==> flow/design.v <==
module ex_regfile #(
    parameter NREGS = 128,
    parameter WD = 10,
    parameter AW = $clog2(NREGS)
) (
    input  wire sys_clk,
    input  wire we_i,
    input  wire [AW-1:0] wr_addr_i,
    input  wire [WD-1:0] write_data_i,
    input  wire [AW-1:0] rd_idx_i,
    output reg [WD-1:0] rd_data_o
);
    reg we_reg;
    reg [AW-1:0] wr_addr_reg;
    reg [WD-1:0] write_data_reg;
    always @(posedge sys_clk) begin
        we_reg <= we_i;
        wr_addr_reg <= wr_addr_i;
        write_data_reg <= write_data_i;
    end
    reg [WD-1:0] gpr [NREGS-1:0];
    always @(posedge sys_clk) begin
        if (we_reg)
            gpr[wr_addr_reg] <= write_data_reg;
    end
    reg [AW-1:0] rd_idx_reg;
    always @(posedge sys_clk) begin
        rd_idx_reg <= rd_idx_i;
        rd_data_o <= gpr[rd_idx_reg];
    end
endmodule
==> From RTL to reports: ex_regfile <==
What the tools print for ex_regfile, step after step.
Lines are those of the file above, counted from 1.
Cell names lack the library's common part.
{ "inputs": {"top_module": "ex_regfile", "clock_port": "sys_clk", "cell_library": "sky130hd", "pvt_corner": "tt_025C_1v80"} }

==> Word-level counts <==
Source: Yosys, flattened and elaborated, memories not mapped. Widths are those after wreduce; folded enables and synchronous resets count as part of the registers. Registers that Yosys merges into a memory's read port (data or address) are not register bits. Print and check cells do not count. Equal cells are merged and count once.
Yosys's memory passes give these memory sizes; they may raise the number of words (mostly to a power of two), join words into wider ones and drop unused or constant bits.
{ "bits": {"clocked_rd_ports_x_width": 10, "mem_count": 1, "word_cells": 8, "ff_bits": 25, "mem_bits_rw": 1280, "input_bits": 26} }
{ "classes": {"n_mux": 3} }
{ "mem_list": {"columns": ["name", "size", "width", "read_ports", "wr", "line", "text"], "rows": [
  ["gpr", 128, 10, 1, 1, 21, "reg [WD-1:0] gpr [NREGS-1:0];"]
]} }
{ "ops": {"columns": ["cell", "count"], "rows": [
  ["10-bit 2-to-1 mux", 1],
  ["7-bit 2-to-1 mux", 1],
  ["1-bit 2-to-1 mux", 1]
]} }

==> Logic depth <==
Yosys ltp: most cells in a row. Word level: on the elaborated netlist, between registers, memories and ports. Mapped: between sequential cells and ports; inverters and the memories' decode and read muxes count.
{ "depth": {"depth_word": 1, "abc_area": 0, "mapped_depth": 7, "depth_no_buf": 4} }

==> After synthesis <==
Source: synth_stat.txt of the flow (Yosys; design flattened, memories mapped). It holds for the ABC_AREA given above (unset counts as 0); a run with the other value may have another netlist.
{ "types": {"columns": ["type", "count", "area_total_um2"], "rows": [
  ["edfxtp_1", 1280, 3.84E+04],
  ["mux4_2", 420, 9.46E+03],
  ["dfxtp_1", 35, 700.672],
  ["nor2_1", 122, 457.939],
  ["clkbuf_1", 71, 266.506],
  ["buf_2", 32, 160.154],
  ["mux2_2", 10, 112.608],
  ["nand3_1", 12, 60.058],
  ["nand2_1", 14, 52.55],
  ["nor3_1", 9, 45.043],
  ["nor2b_1", 7, 43.792],
  ["nand4_1", 3, 18.768],
  ["buf_1", 4, 15.014],
  ["nand2b_1", 2, 12.512],
  ["buf_4", 1, 7.507],
  ["or3_1", 1, 6.256]
]} }
{ "synth_totals": {"seqArea_mm2": 0.0391375, "cells": 2023, "ff_cells": 1315, "mapped_area_mm2": 0.0498553} }

==> Worst setup path after synthesis <==
Source: OpenSTA report_checks on the synthesized netlist (no wires, ideal clock, input and output delay 20% of the period each), path of least setup slack; recovery checks are left aside. Register names are those of the netlist, which keeps one name where synthesis merged equal registers.
{ "synth_path": {"path_kind": "reg2reg", "start": "register rd_idx_reg[0]", "end": "register rd_data_o[0]", "clock_period_ns": 3.48, "launch_ns": 0.000, "path_slack_ns": 0.693, "path_delay_ns": 2.788, "arrival_ns": 2.667, "path_stages": 7, "required_ns": 3.359, "path_buffers": 2, "period_less_setup_slack_ns": 2.787} }
"path_delay_ns" is the arrival time less input delay plus setup time.
"path_stages" counts driving pins, that of a launching flip-flop among them; a cell with two outputs on the path counts twice.
"period_less_setup_slack_ns" = period - worst setup slack (recovery checks aside). The figure is calculated, with input and output delays left at 20% of the set period.
{ "synth_between": {"cell_sequence": "dfxtp_1 clkbuf_1 buf_1 mux4_2 mux4_2 mux4_2 mux2_2"} }
{ "synth_rtl": {"columns": ["element", "line", "text"], "rows": [
  ["start: declaration", 26, "reg [AW-1:0] rd_idx_reg;"],
  ["start: assignment", 28, "rd_idx_reg <= rd_idx_i;"],
  ["end: declaration", 11, "output reg [WD-1:0] rd_data_o"]
]} }
No chain of elaborated cells between the ends is given.

==> Worst path after layout <==
From the final timing report of flow run 1: the path of least setup slack in the routed layout; clock arrival at registers is part of the times.
{ "layout_path": {"path_kind": "reg2reg", "start": "register rd_idx_reg[0]", "end": "register rd_data_o[3]", "clock_period_ns": 3.48, "launch_ns": 0.74, "arrival_ns": 3.76, "path_slack_ns": 0.34, "path_buffers": 1, "required_ns": 4.10, "path_stages": 6} }
{ "layout_between": {"cell_sequence": "dfxtp_4 buf_12 mux4_2 mux4_2 mux4_2 mux2_2"} }
{ "layout_rtl": {"columns": ["element", "line", "text"], "rows": [
  ["start: declaration", 26, "reg [AW-1:0] rd_idx_reg;"],
  ["start: assignment", 28, "rd_idx_reg <= rd_idx_i;"],
  ["end: declaration", 11, "output reg [WD-1:0] rd_data_o"]
]} }
No chain of elaborated cells between the ends is given.

Add stored flow runs of ex_regfile

Measured data: module ex_regfile, platform sky130hd, 3 stored runs of the flow under differing settings, order arbitrary. Input and output delays are each 20% of the period that was set; the output load is 0.01 pF.
By "timing.achieved_period_ns" is meant the clock period of the run minus its worst setup slack. This is arithmetic on one report: input and output delays are still those of the set period (20% each).
"worst_path_time_ns" is the time allowed to the run's worst setup path (the clock period less input and output delay, where it has them) less its slack. Clock arrival times count: a late capture clock shortens it, a late launch clock lengthens it.
"power_uw": no workload was simulated; the value follows from the tool's default switching activity.

Flow run 1
==> flow/run.sh <==
#!/bin/bash
# the make line also repeats the synthesis and layout settings of config.mk as NAME=value (left out here)
make -C /OpenROAD-flow-scripts/flow DESIGN_CONFIG=/design/flow/config.mk WORK_HOME=/design/flow/orfs CLKGATE_MAP_FILE= finish
==> flow/config.mk <==
export PLATFORM = sky130hd
export DESIGN_NAME = ex_regfile
export DESIGN_NICKNAME = ex_regfile
export VERILOG_FILES = /design/flow/design.v
export SDC_FILE = /design/flow/constraint.sdc
export NUM_CORES = 4
export LEC_CHECK = 0
export CAP_MARGIN = 20
export CORE_MARGIN = 2
export CORE_UTILIZATION = 40
export SLEW_MARGIN = 20
==> flow/constraint.sdc <==
create_clock -name core_clock -period 3.48 [get_ports {sys_clk}]
set_input_delay 0.6960 -clock core_clock [delete_from_list [all_inputs] [get_ports {sys_clk}]]
set_output_delay 0.6960 -clock core_clock [all_outputs]
set_load 0.01 [all_outputs]

==> results of flow run 1, as JSON <==
{
  "total_die_area_mm2": 0.127478,
  "power_uw": 34011,
  "fin_util_pct": 47.2,
  "ws_setup_ns": 0.345,
  "final_cell_area_mm2": 0.0583672,
  "worst_path_time_ns": 3.14,
  "worst_path_kind": "reg2reg",
  "hold_ws_ns": 0.377,
  "yosys_chip_area_mm2": 0.0498553,
  "tns_setup_ns": 0.000,
  "timing.achieved_period_ns": 3.135
}

Flow run 2
==> flow/run.sh <==
#!/bin/bash
# the make line also repeats the synthesis and layout settings of config.mk as NAME=value (left out here)
make -C /OpenROAD-flow-scripts/flow DESIGN_CONFIG=/design/flow/config.mk WORK_HOME=/design/flow/orfs CLKGATE_MAP_FILE= finish
==> flow/config.mk <==
export PLATFORM = sky130hd
export DESIGN_NAME = ex_regfile
export DESIGN_NICKNAME = ex_regfile
export VERILOG_FILES = /design/flow/design.v
export SDC_FILE = /design/flow/constraint.sdc
export NUM_CORES = 4
export LEC_CHECK = 0
export ABC_AREA = 0
export CAP_MARGIN = 20
export CELL_PAD_IN_SITES_GLOBAL_PLACEMENT = 2
export CORE_MARGIN = 2
export CORE_UTILIZATION = 42
export CTS_CLUSTER_DIAMETER = 325
export CTS_CLUSTER_SIZE = 61
export GPL_ROUTABILITY_DRIVEN = 0
export GPL_TIMING_DRIVEN = 1
export HOLD_SLACK_MARGIN = 0.22
export MAX_ROUTING_LAYER = met4
export PLACE_DENSITY = 0.6
export SETUP_SLACK_MARGIN = 1.36
export SLEW_MARGIN = 35
export TNS_END_PERCENT = 60
==> flow/constraint.sdc <==
create_clock -name core_clock -period 4.83 [get_ports {sys_clk}]
set_input_delay 0.9660 -clock core_clock [delete_from_list [all_inputs] [get_ports {sys_clk}]]
set_output_delay 0.9660 -clock core_clock [all_outputs]
set_load 0.01 [all_outputs]

==> results of flow run 2, as JSON <==
{
  "worst_path_time_ns": 3.32,
  "worst_path_kind": "reg2reg",
  "power_uw": 17908,
  "yosys_chip_area_mm2": 0.0498553,
  "total_die_area_mm2": 0.121477,
  "fin_util_pct": 45.5,
  "tns_setup_ns": 0.000,
  "ws_setup_ns": 1.506,
  "final_cell_area_mm2": 0.0536615,
  "hold_ws_ns": 0.666,
  "timing.achieved_period_ns": 3.324
}

Flow run 3
==> flow/run.sh <==
#!/bin/bash
# the make line also repeats the synthesis and layout settings of config.mk as NAME=value (left out here)
make -C /OpenROAD-flow-scripts/flow DESIGN_CONFIG=/design/flow/config.mk WORK_HOME=/design/flow/orfs CLKGATE_MAP_FILE= finish
==> flow/config.mk <==
export PLATFORM = sky130hd
export DESIGN_NAME = ex_regfile
export DESIGN_NICKNAME = ex_regfile
export VERILOG_FILES = /design/flow/design.v
export SDC_FILE = /design/flow/constraint.sdc
export NUM_CORES = 4
export LEC_CHECK = 0
export CAP_MARGIN = 20
export CORE_MARGIN = 2
export CORE_UTILIZATION = 29
export GPL_TIMING_DRIVEN = 1
export MAX_ROUTING_LAYER = met5
export PLACE_DENSITY_LB_ADDON = 0.05
export SETUP_SLACK_MARGIN = 0.57
export SLEW_MARGIN = 20
==> flow/constraint.sdc <==
create_clock -name core_clock -period 4.54 [get_ports {sys_clk}]
set_input_delay 0.9080 -clock core_clock [delete_from_list [all_inputs] [get_ports {sys_clk}]]
set_output_delay 0.9080 -clock core_clock [all_outputs]
set_load 0.01 [all_outputs]

==> results of flow run 3, as JSON <==
{
  "hold_ws_ns": 0.565,
  "tns_setup_ns": 0.000,
  "yosys_chip_area_mm2": 0.0498553,
  "ws_setup_ns": 1.219,
  "final_cell_area_mm2": 0.0587951,
  "fin_util_pct": 34.4,
  "power_uw": 26687,
  "total_die_area_mm2": 0.175247,
  "timing.achieved_period_ns": 3.321,
  "worst_path_time_ns": 3.32,
  "worst_path_kind": "reg2reg"
}
